==> flow/design.v <==
module gen_sel_unit_v2 #(
  parameter BITS = 10
) (
  input clock,
  input rst,
  input [BITS-1:0] bus_0,
  input [BITS-1:0] bus_1,
  input [BITS-1:0] bus_2,
  input [BITS-1:0] bus_3,
  input [1:0] choose,
  output [BITS-1:0] res
);
  reg [BITS-1:0] bus_0_q;
  reg [BITS-1:0] bus_1_q;
  reg [BITS-1:0] bus_2_q;
  reg [BITS-1:0] bus_3_q;
  reg [1:0] choose_q;
  wire [BITS-1:0] r;
  assign r =
    (choose_q == 2'd0) ? bus_0_q :
    (choose_q == 2'd1) ? bus_1_q :
    (choose_q == 2'd2) ? bus_2_q :
    bus_3_q;
  reg [BITS-1:0] res_q;
  assign res = res_q;
  always @(posedge clock or posedge rst) begin
    if (rst) begin
      bus_0_q <= 0;
      bus_1_q <= 0;
      bus_2_q <= 0;
      bus_3_q <= 0;
      choose_q <= 0;
      res_q <= 0;
    end else begin
      bus_0_q <= bus_0;
      bus_1_q <= bus_1;
      bus_2_q <= bus_2;
      bus_3_q <= bus_3;
      choose_q <= choose;
      res_q <= r;
    end
  end
endmodule
=== Tool chain data of gen_sel_unit_v2 ===
What the tools print for gen_sel_unit_v2, step after step.
Line numbers count from 1 in the design file above.
Operators: Yosys type, input widths -> output width; for muxes data width and select width s.
Library cell names are shortened.
Not given: --

* Design top: gen_sel_unit_v2
* Clock: clock
* Standard-cell library: sky130hd
* Corner: tt_025C_1v80

=== After elaboration ===
Yosys after proc, flatten, opt, wreduce and memory -nomap, before mapping. Enables and synchronous resets that opt folds into registers are not counted as muxes. Memory bits, and registers merged into a memory's read port (data or address), are not among the register bits. Print and check cells are not counted. Equal cells are merged and count once.

* Input port bits: 44
* Register bits after elaboration: 52
* Word-level cells: 12
* Output and inout bits: 10

* Multiplexer cells: 3
* Reductions and logical operators: 1
* Equality and inequality tests: 2

{| class="wikitable"
|+ Operator list
! operator !! number
|-
| $mux 10 || 3
|-
| $eq 2x1->1 const B || 1
|-
| $eq 2x2->1 const B || 1
|-
| $logic_not 2->1 || 1
|}

=== Longest topological paths ===
Depth = most cells in a row (Yosys ltp): at word level without a register or memory, in the mapped netlist without a sequential cell, where the memories' decode and read muxes count.

* Depth after elaboration: 4
* ABC_AREA: 0
* Depth in mapped cells: 2
* Gate-level depth less buffers: 1

=== Netlist ===
Source: synth_stat.txt of the flow (Yosys; design flattened, memories mapped). It holds for the ABC_AREA given above (unset counts as 0); a run with the other value may have another netlist.
The area totals of this step are shown rounded.

{| class="wikitable"
|+ Cells by type
! cell !! number !! total area (um2)
|-
| dfrtp_1 || 52 || 1.3E+03
|-
| mux4_2 || 10 || 225.216
|-
| buf_6 || 1 || 11.261
|-
| clkbuf_2 || 1 || 5.005
|-
| inv_1 || 1 || 3.754
|}

* Mapped cells: 65
* Area of sequential cells: 1,300 um2
* Flip-flops: 52
* Mapped area: 1,500 um2
* Buffer cells: 2

=== Worst setup path after synthesis ===
Source: OpenSTA report_checks on the synthesized netlist (no wires, ideal clock, input and output delay 20% of the period each), path of least setup slack; recovery checks are left aside. Register names are those of the netlist, which keeps one name where synthesis merged equal registers.

* Path type: reg-to-reg
* Start point: register (name not given)
* End point: register res_q[0]
* Buffers on the path: 1
* Data required time: 1.252 ns
* Clock period: 1.39 ns
* Library setup time: 0.138 ns
* Driving pins on the path: 3
* Setup slack: 0.281 ns
* Data arrival time: 0.971 ns
* Path delay: 1.109 ns
* Time at the first pin: 0.000 ns
* Synthesis period reached: 1.109 ns

"path delay" = arrival - input delay + setup time.
"driving pins on the path" counts driving pins, that of a launching flip-flop among them; a cell with two outputs on the path counts twice.
"synthesis period reached" = period - worst setup slack (recovery checks aside). The figure is calculated, with input and output delays left at 20% of the set period.
The rows between start and end are the longest chain of elaborated cells between them; the timing report does not say that the signal goes this way. Where chains are equally long, one stands for them.
A line is the first line of the expression or statement that the cell stems from. Yosys adds cells for indexed reads and writes and turns some case tables into memories.

* Cell sequence: dfrtp_1 -> buf_6 -> mux4_2
* Cells in the longest elaborated chain: 4
* Elaborated cells between the ends (all ways): 6
* Those cells by class: 2 x eq/ne; 3 x mux; 1 x reduce/logical

{| class="wikitable"
|+ Ends and longest elaborated chain, post-synthesis
! item !! RTL line !! RTL
|-
| from (decl) || 17 ||
|-
| from (assign) || 32 ||
|-
| from (assign) || 39 ||
|-
| $eq 2x2->1 || 22 ||
|-
| $mux 10 || 22 ||
|-
| $mux 10 || 21 ||
|-
| $mux 10 || 20 ||
|-
| to (assign) || 33 || <nowiki>res_q <= 0;</nowiki>
|-
| to (assign) || 40 || <nowiki>res_q <= r;</nowiki>
|-
| to (decl) || 24 || <nowiki>reg [BITS-1:0] res_q;</nowiki>
|}

=== Worst path after layout ===
From the final timing report of run B: the path of least setup slack in the routed layout; clock arrival at registers is part of the times.

* Path type: reg-to-output
* Start point: register res_q[4]
* End point: output port res[4]
* Output delay: 0.34 ns
* Time at the first pin: 0.30 ns
* Setup slack: 0.41 ns
* Clock period: 1.7 ns
* Buffers on the path: 1
* Data required time: 1.36 ns
* Driving pins on the path: 2
* Data arrival time: 0.95 ns

* Cell sequence: dfrtp_1 -> dlygate4sd2_1
* Cells in the longest elaborated chain: 0
* Elaborated cells between the ends (all ways): 0

{| class="wikitable"
|+ Ends and longest elaborated chain, post-layout
! item !! RTL line !! RTL
|-
| from (decl) || 24 || <nowiki>reg [BITS-1:0] res_q;</nowiki>
|-
| from (assign) || 33 || <nowiki>res_q <= 0;</nowiki>
|-
| from (assign) || 40 || <nowiki>res_q <= r;</nowiki>
|-
| to (decl) || 11 || <nowiki>output [BITS-1:0] res</nowiki>
|}

Hand-over note for gen_sel_unit_v2

gen_sel_unit_v2 through Yosys and OpenROAD on sky130hd: 3 stored runs, unordered, with their settings and measured results. The constraints put input and output delay at 20% of the set period each and load the outputs with 0.01 pF.
"worst setup path time" = time allowed to the worst setup path (clock period - input delay - output delay, where it has them) - its slack; a late launch clock adds to it, a late capture clock takes from it.
The results are shown rounded.

=== Run A ===
{| class="wikitable"
! Setting !! Value
|-
| period_ns || 1.47
|-
| CORE_UTILIZATION || 65
|-
| SETUP_SLACK_MARGIN || -0.07
|-
| PLACE_DENSITY_LB_ADDON || 0.27
|-
| CORE_ASPECT_RATIO || 0.77
|-
| CORE_MARGIN || 6
|-
| CELL_PAD_IN_SITES_DETAIL_PLACEMENT || 0
|-
| TNS_END_PERCENT || 40
|-
| CTS_CLUSTER_DIAMETER || 306
|-
| CAP_MARGIN || 40
|-
| SLEW_MARGIN || 20
|}
Unfinished; error FLW-0024 in placement.

=== Run B ===
{| class="wikitable"
! Setting !! Value
|-
| period_ns || 1.7
|-
| CORE_UTILIZATION || 42
|-
| SETUP_SLACK_MARGIN || 0.3
|-
| PLACE_DENSITY_LB_ADDON || 0.19
|-
| CORE_ASPECT_RATIO || 1.6
|-
| CORE_MARGIN || 9
|-
| CELL_PAD_IN_SITES_GLOBAL_PLACEMENT || 3
|-
| CELL_PAD_IN_SITES_DETAIL_PLACEMENT || 1
|-
| GPL_ROUTABILITY_DRIVEN || 1
|-
| CTS_CLUSTER_SIZE || 45
|-
| CTS_CLUSTER_DIAMETER || 200
|-
| SLEW_MARGIN || 0
|-
| CAP_MARGIN || 20
|-
! Result !! Value
|-
| Mapped cell area after synthesis || 1,500 um2
|-
| Setup slack of the worst path || 0.41 ns
|-
| Area inside the die boundary || 6,300 um2
|-
| Area of the standard cells in the finished layout || 2,200 um2
|-
| Worst setup path time || 0.95 ns
|-
| Worst setup path kind || reg-to-output
|}

=== Run C ===
{| class="wikitable"
! Setting !! Value
|-
| period_ns || 1.39
|-
| CAP_MARGIN || 20
|-
| CORE_MARGIN || 2
|-
| CORE_UTILIZATION || 40
|-
| SLEW_MARGIN || 20
|-
! Result !! Value
|-
| Mapped cell area after synthesis || 1,500 um2
|-
| Setup slack of the worst path || 0.17 ns
|-
| Area inside the die boundary || 4,400 um2
|-
| Area of the standard cells in the finished layout || 2,200 um2
|-
| Worst setup path time || 0.94 ns
|-
| Worst setup path kind || reg-to-output
|}

End of note.
